==> flow/design.v <==
module alu_add_unit_top #(
    parameter XLEN = 14,
    parameter N = 3,
    parameter RW = XLEN + $clog2(N)
) (
    input  wire i_clk,
    input  wire [N*XLEN-1:0] in_din,
    output wire [RW-1:0] out_out
);
    reg [N*XLEN-1:0] din_reg;
    always @(posedge i_clk) begin
        din_reg <= in_din;
    end
    reg [RW-1:0] work;
    integer k;
    always @(*) begin
        work = 0;
        for (k = 0; k < N; k = k + 1)
            work = work + din_reg[k*XLEN +: XLEN];
    end
    assign out_out = work;
endmodule
* Reports on alu_add_unit_top *
Tool output for the design above, in the order of the flow.
Line numbers count from 1 in the design file above.
Cell names lack the library's common part.
Not given: -

design
  top module = alu_add_unit_top
  clock port = i_clk
  standard-cell library = sky130hd
  corner = tt_025C_1v80

* Word level *
Counts by Yosys on the flattened word-level netlist (proc, flatten, opt, wreduce; memories kept). Register bits leave out memories and registers merged into their read ports (data or address); mux counts leave out enables and synchronous resets folded into registers. Print and check cells are left out. Cells with the same type and inputs are merged into one.

word-level totals
  register bits after elaboration = 42
  output and inout port bits = 16

cells by class
  $add $sub $neg = 2

operators by type and width
  kind                                       number
  15-bit by 14-bit adder with 16-bit output  1
  14-bit by 14-bit adder with 15-bit output  1

* Logic depth *
Depth = most cells in a row (Yosys ltp): at word level without a register or memory, in the mapped netlist without a sequential cell, where the memories' decode and read muxes count.

logic depth
  depth after elaboration = 2
  ABC_AREA = 0
  mapped depth = 11

* Mapped cells and area *
Source: synth_stat.txt of the flow (Yosys; design flattened, memories mapped). It holds for the ABC_AREA given above (unset counts as 0); a run with the other value may have another netlist.

synthesis totals
  mapped cells = 164
  cell area after synthesis = 1869.3 µm²
  flip-flops = 42
  buffer cells = 4

cell types
  cell type  number  total area (µm²)
  dfxtp_1    42      840.806
  fa_1       15      300.288
  ha_1       13      162.656
  inv_1      16      60.058
  xnor2_1    6       52.55
  a21oi_1    8       40.038
  nand2_1    8       30.029
  nor2_1     8       30.029
  o21ai_0    6       30.029
  a211oi_1   3       22.522
  a21o_1     3       22.522
  nor3_1     4       20.019
  a21oi_2    2       17.517
  a311oi_1   2       17.517
  xor2_1     2       17.517
  o21ai_4    1       16.266
  a311oi_2   1       15.014
  o2111ai_2  1       15.014

Other cell types: 17; their cells: 23.

* Path before layout *
OpenSTA on the mapped netlist: ideal clock, no wires. The path of least setup slack (recovery checks aside). Input and output delay are each 20% of the period. Register names are those of the netlist, which keeps one name where synthesis merged equal registers.

path after synthesis
  kind = flip-flop to output port
  start = register din_reg[1]
  end = output out_out[11]
  clock period = 3.73 ns
  data arrival time = 2.386 ns
  path slack = 0.598 ns
  path delay = 2.386 ns
  driving pins on the path = 10
  path buffers = 0
  period reached after synthesis = 3.132 ns

"path delay" is the arrival time less input delay plus setup time.
A path that ends at an output port has no setup time.
"driving pins on the path": output pins that drive a net of the path, with the launching flip-flop's if there is one; two outputs of one cell count as two.
"period reached after synthesis" = period - worst setup slack (recovery checks aside). The figure is calculated, with input and output delays left at 20% of the set period.
Between the ends stands the longest chain of elaborated cells between them, by number of cells; it is not shown to be the way that was timed. Of several equally long chains one is given.
A line is the first line of the expression or statement that the cell stems from. Yosys adds cells for indexed reads and writes and turns some case tables into memories.

on the way, after synthesis
  cell sequence = dfxtp_1 -> fa_1 -> ha_1 -> inv_1 -> fa_1 -> nor2b_2 -> o2111ai_2 -> a21oi_2 -> a311oi_1 -> a221oi_1
  cells in the longest elaborated chain = 2
  elaborated cells between the ends (all ways) = 2

RTL lines, path after synthesis
  item                                       line  source
  start, declared                            10    reg [N*XLEN-1:0] din_reg;
  start, assigned                            12    din_reg <= in_din;
  14-bit by 14-bit adder with 15-bit output  19    work = work + din_reg[k*XLEN +: XLEN];
  15-bit by 14-bit adder with 16-bit output  19
  end, declared                              8     output wire [RW-1:0] out_out

* Path in the finished layout *
Path of least setup slack in the final report of flow run 1 (OpenROAD, finished layout, wires in). Where an end is a register, its clock arrival counts in the times.

path post-layout
  kind = flip-flop to output port
  start = register din_reg[1]
  end = output out_out[11]
  clock period = 4.56 ns
  data arrival time = 3.53 ns
  path slack = 0.11 ns
  driving pins on the path = 11
  path buffers = 1

Between the ends stands the longest chain of elaborated cells between them, by number of cells; it is not shown to be the way that was timed. Of several equally long chains one is given.

on the way, post-layout
  cell sequence = dfxtp_1 -> fa_1 -> ha_1 -> inv_1 -> fa_1 -> nor2b_2 -> o2111ai_2 -> a21oi_2 -> a311oi_1 -> a221oi_2 -> clkdlybuf4s50_1
  cells in the longest elaborated chain = 2
  elaborated cells between the ends (all ways) = 2

RTL lines, path post-layout
  item                                       line  source
  start, declared                            10    reg [N*XLEN-1:0] din_reg;
  start, assigned                            12    din_reg <= in_din;
  14-bit by 14-bit adder with 15-bit output  19    work = work + din_reg[k*XLEN +: XLEN];
  15-bit by 14-bit adder with 16-bit output  19
  end, declared                              8     output wire [RW-1:0] out_out

Hand-over note for alu_add_unit_top

Module alu_add_unit_top, platform sky130hd: 3 stored runs of the flow (Yosys, OpenROAD) with differing settings, in no particular order. Input and output delays are each 20% of the period that was set; the output load is 0.01 pF.
By "time on the worst setup path" is meant the share of the clock period that the worst setup path is allowed (20% is reserved at inputs, 20% at outputs), minus its slack. Clock arrival times at its registers enter into it.
"total design power" rests on the timing tool's default activity at the inputs, not on a simulated workload.
Among the settings, n/a means not set for that run.
Results: n/a = not shown.

item                                    flow run 1                flow run 2  flow run 3
period_ns                               4.56                      3.94        3.73
CORE_UTILIZATION                        32                        68          40
PLACE_DENSITY_LB_ADDON                  0.08                      n/a         n/a
CELL_PAD_IN_SITES_DETAIL_PLACEMENT      2                         n/a         n/a
ABC_AREA                                0                         n/a         n/a
GPL_TIMING_DRIVEN                       0                         n/a         n/a
GPL_ROUTABILITY_DRIVEN                  0                         0           n/a
SLEW_MARGIN                             10                        10          20
MIN_ROUTING_LAYER                       met1                      n/a         n/a
CAP_MARGIN                              20                        15          20
CORE_MARGIN                             2                         7           2
PLACE_DENSITY                           n/a                       0.88        n/a
HOLD_SLACK_MARGIN                       n/a                       0.26        n/a
CORE_ASPECT_RATIO                       n/a                       0.81        n/a
CELL_PAD_IN_SITES_GLOBAL_PLACEMENT      n/a                       0           n/a
TNS_END_PERCENT                         n/a                       5           n/a
MAX_ROUTING_LAYER                       n/a                       met4        n/a
synthesized cell area (µm²)             1869.3                    n/a         1869.3
total die area (µm²)                    6469.0                    n/a         5236.0
utilization of the finished layout (%)  47.0                      n/a         59.8
setup slack of the worst path (ns)      0.115                     n/a         0.118
final setup TNS (ns)                    0.000                     n/a         0.000
worst hold slack (ns)                   1.060                     n/a         0.887
total design power (uW)                 1069                      n/a         1343
time on the worst setup path (ns)       3.53                      n/a         2.87
critical path kind                      flip-flop to output port  n/a         flip-flop to output port

Flow run 2: no final report: placement broke off with GPL-0301

End of note.
